==> flow/design.v <==
module mux2 #(parameter N = 1) (
    input wire [N-1:0] a,
    input wire [N-1:0] b,
    input wire s,
    output wire [N-1:0] y
);
    assign y = s ? b : a;
endmodule
module data_mux_n (i_clk, aresetn, in_in, idx_in, res_out);
    parameter integer BITS = 3;
    parameter integer LANES = 32;
    localparam integer SEL_WIDTH = $clog2(LANES);
    input i_clk;
    input aresetn;
    input [LANES*BITS-1:0] in_in;
    input [SEL_WIDTH-1:0] idx_in;
    output [BITS-1:0] res_out;
    reg [LANES*BITS-1:0] in_d1;
    reg [SEL_WIDTH-1:0] idx_d1;
    always @(posedge i_clk or negedge aresetn) begin
        if (~aresetn) begin
            in_d1 <= 0;
            idx_d1 <= 0;
        end else begin
            in_d1 <= in_in;
            idx_d1 <= idx_in;
        end
    end
    wire [BITS-1:0] tree [1:2*LANES-1];
    genvar k;
    generate
        for (k = 0; k < LANES; k = k + 1) begin : u_g
            assign tree[LANES+k] = in_d1[k*BITS +: BITS];
        end
        for (k = 1; k < LANES; k = k + 1) begin : stage
            mux2 #(.N(BITS)) i_sub (.a(tree[2*k]), .b(tree[2*k+1]), .s(idx_d1[SEL_WIDTH - $clog2(k+1)]), .y(tree[k]));
        end
    endgenerate
    assign res_out = tree[1];
endmodule
-- Step by step through the tools: data_mux_n
The steps from the RTL of data_mux_n to its reports follow in flow order.
Line numbers count from 1 in the design file above.
Operators carry their Yosys type and port widths (W data, S select, Z words).
Cell names lack the library's common part.
The mark n/a stands for no value.
- top module: data_mux_n
- clock port: i_clk
- library: sky130hd
- timing corner: tt_025C_1v80

-- Word level
Source: Yosys, flattened and elaborated. Widths are those after wreduce; folded enables and synchronous resets count as part of the registers. Registers that Yosys merges into a memory's read port (data or address) are not register bits. Print and check cells do not count. Equal cells are merged and count once.
- mux-type cells at 31
- operator list (kind ; number):
    $mux W3 ; 31
- noted bits in registers: 101
- noted output and inout port bits: 3
- elaborated cells: 33

-- Depth
Depth = most cells in a row (Yosys ltp): at word level without a register or memory, in the mapped netlist without a sequential cell, where the memories' decode and read muxes count.
- noted depth after elaboration: 5
- noted ABC_AREA: 0
- mapped depth at 5
- mapped depth without buffers at 3

-- After synthesis
Source: synth_stat.txt of the flow (Yosys; design flattened, memories mapped). It holds for the ABC_AREA given above (unset counts as 0); a run with the other value may have another netlist.
The area totals of this step are shown rounded.
- cells in the netlist: 141
- chip area (Yosys) at 3280 um^2
- sequential area: 2530 um^2
- mapped flip-flops at 101
- buffers at 7
- cell types (type ; number ; area in all (um^2)):
    dfrtp_1 ; 101 ; 2.53E+03
    mux4_2 ; 30 ; 675.648
    mux2_2 ; 3 ; 33.782
    buf_6 ; 2 ; 22.522
    clkbuf_1 ; 3 ; 11.261
    buf_4 ; 1 ; 7.507
    buf_1 ; 1 ; 3.754
By module: a second synthesis without flattening, with its own total; a netlist apart from the flattened one above.
- cell total of the unflattened synthesis: 194
- area total of the unflattened synthesis at 3570 um^2
Each row is one instance without its submodules.
- by module (module ; times used ; cells ; area (um^2) ; sequential area (um^2)):
    data_mux_n ; 1 ; 101 ; 2530 ; 2530
    mux2 #(N=3) ; 31 ; 3 ; 33.8 ; 0.0

-- Path before layout
OpenSTA on the mapped netlist: ideal clock, no wires. The path of least setup slack (recovery checks aside). Input and output delay are each 20% of the period. Register names are those of the netlist, which keeps one name where synthesis merged equal registers.
- kind: register -> output
- from: register idx_d1[2]
- to: output port res_out[0]
- period: 3.04 ns
- noted time at the first pin: 0.000 ns
- data arrival time: 1.948 ns
- path slack at 0.484 ns
- noted delay of the path: 1.948 ns
- stages at 6
- buffers on the path: 2
- synthesis period reached: 2.556 ns
"delay of the path" = arrival - input delay + setup time.
A path that ends at an output port has no setup time.
"stages" counts driving pins, that of a launching flip-flop among them; a cell with two outputs on the path counts twice.
"synthesis period reached" = period - worst setup slack (recovery checks aside). The figure is calculated, with input and output delays left at 20% of the set period.
The rows between start and end are the longest chain of elaborated cells between them; the timing report does not say that the signal goes this way. Where chains are equally long, one stands for them.
Each line given opens the expression or statement behind the cell; cells for indexed reads and writes are added by Yosys, which also makes memories of some case tables.
- cells stage by stage: dfrtp_1 clkbuf_1 clkbuf_1 mux4_2 mux4_2 mux2_2
- length of the longest elaborated chain: 3
- RTL lines, path after synthesis (item ; line ; text):
    from (decl) ; 19 ; reg [SEL_WIDTH-1:0] idx_d1;
    from (assign) ; 23 ; idx_d1 <= 0;
    from (assign) ; 26 ; idx_d1 <= idx_in;
    $mux W3 x3 ; 7 ; assign y = s ? b : a;
    to (decl) ; 17 ; output [BITS-1:0] res_out;

-- Worst path after layout
Path of least setup slack in the final report of stored run 1 (OpenROAD, finished layout, wires in). Where an end is a register, its clock arrival counts in the times.
- kind: register -> output
- from: register idx_d1[0]
- to: output port res_out[2]
- period: 3.04 ns
- noted time at the first pin: 0.35 ns
- data arrival time: 2.43 ns
- path slack at 0.00 ns
- stages at 8
- buffers on the path: 4
The rows between start and end are the longest chain of elaborated cells between them; the timing report does not say that the signal goes this way. Where chains are equally long, one stands for them.
- cells stage by stage: dfrtp_2 buf_12 buf_6 buf_6 mux4_2 mux4_2 mux2_4 buf_6
- length of the longest elaborated chain: 5
- RTL lines, path post-layout (item ; line ; text):
    from (decl) ; 19 ; reg [SEL_WIDTH-1:0] idx_d1;
    from (assign) ; 23 ; idx_d1 <= 0;
    from (assign) ; 26 ; idx_d1 <= idx_in;
    $mux W3 x5 ; 7 ; assign y = s ? b : a;
    to (decl) ; 17 ; output [BITS-1:0] res_out;

Ticket comment

Settings and measured results of 3 stored flow runs for module data_mux_n (sky130hd), not sorted in any way. The constraints put input and output delay at 20% of the set period each and load the outputs with 0.01 pF.
"reached clock period" is the run's clock period less its worst setup slack. It is reckoned from that one timing run; input and output delays stay at 20% of the period that was set.
"time used up by the worst setup path" means the part of the period allowed to the worst setup path (the constraints hold back 20% at inputs and 20% at outputs) less its slack; where the path has registers, the arrival times of their clocks count too.
By "total power after layout" is meant OpenSTA's value without simulated activity: inputs other than the clock are taken to toggle once in ten clock periods, and the tool carries that through the logic.
Results are given in rounded form.

Stored run 1
Settings were period_ns = 3.04; CAP_MARGIN = 20; CORE_MARGIN = 2; CORE_UTILIZATION = 40; SLEW_MARGIN = 20
- time used up by the worst setup path: 2.43 ns
- worst setup path kind: register -> output
- noted the area of the standard cells in the finished layout: 4820 um^2
- noted the final design utilization: 59.6%
- setup slack of the critical path: 0.004 ns
- die area at 8950 um^2
- reached clock period at 3.036 ns
- noted the total power after layout: 2.63 mW
- noted the total negative slack on setup checks: 0.000 ns
- noted the cell area after synthesis: 3280 um^2

Stored run 2
Settings were period_ns = 4.13; CORE_UTILIZATION = 45; SETUP_SLACK_MARGIN = -0.3; PLACE_DENSITY_LB_ADDON = 0.23; HOLD_SLACK_MARGIN = 0.05; CORE_ASPECT_RATIO = 0.82; CELL_PAD_IN_SITES_GLOBAL_PLACEMENT = 0; ABC_AREA = 1; CTS_CLUSTER_SIZE = 31; MAX_ROUTING_LAYER = met5; CAP_MARGIN = 20; CORE_MARGIN = 2; SLEW_MARGIN = 20
- die area at 8560 um^2
- noted the total negative slack on setup checks: 0.000 ns
- time used up by the worst setup path: 2.92 ns
- worst setup path kind: register -> output
- noted the final design utilization: 62.6%
- setup slack of the critical path: 0.386 ns
- noted the total power after layout: 1.87 mW
- noted the area of the standard cells in the finished layout: 4800 um^2
- reached clock period at 3.744 ns
- noted the cell area after synthesis: 3530 um^2

Stored run 3
Settings were period_ns = 2.02; CORE_UTILIZATION = 31; PLACE_DENSITY_LB_ADDON = 0.07; HOLD_SLACK_MARGIN = 0.11; CORE_ASPECT_RATIO = 0.75; GPL_TIMING_DRIVEN = 1; CAP_MARGIN = 20; CORE_MARGIN = 2; SLEW_MARGIN = 20
- reached clock period at 2.791 ns
- noted the final design utilization: 48.2%
- die area at 11400 um^2
- time used up by the worst setup path: 2.39 ns
- worst setup path kind: register -> output
- noted the total negative slack on setup checks: -2.26 ns
- noted the area of the standard cells in the finished layout: 4960 um^2
- noted the total power after layout: 4.19 mW
- setup slack of the critical path: -0.771 ns
- noted the cell area after synthesis: 3280 um^2
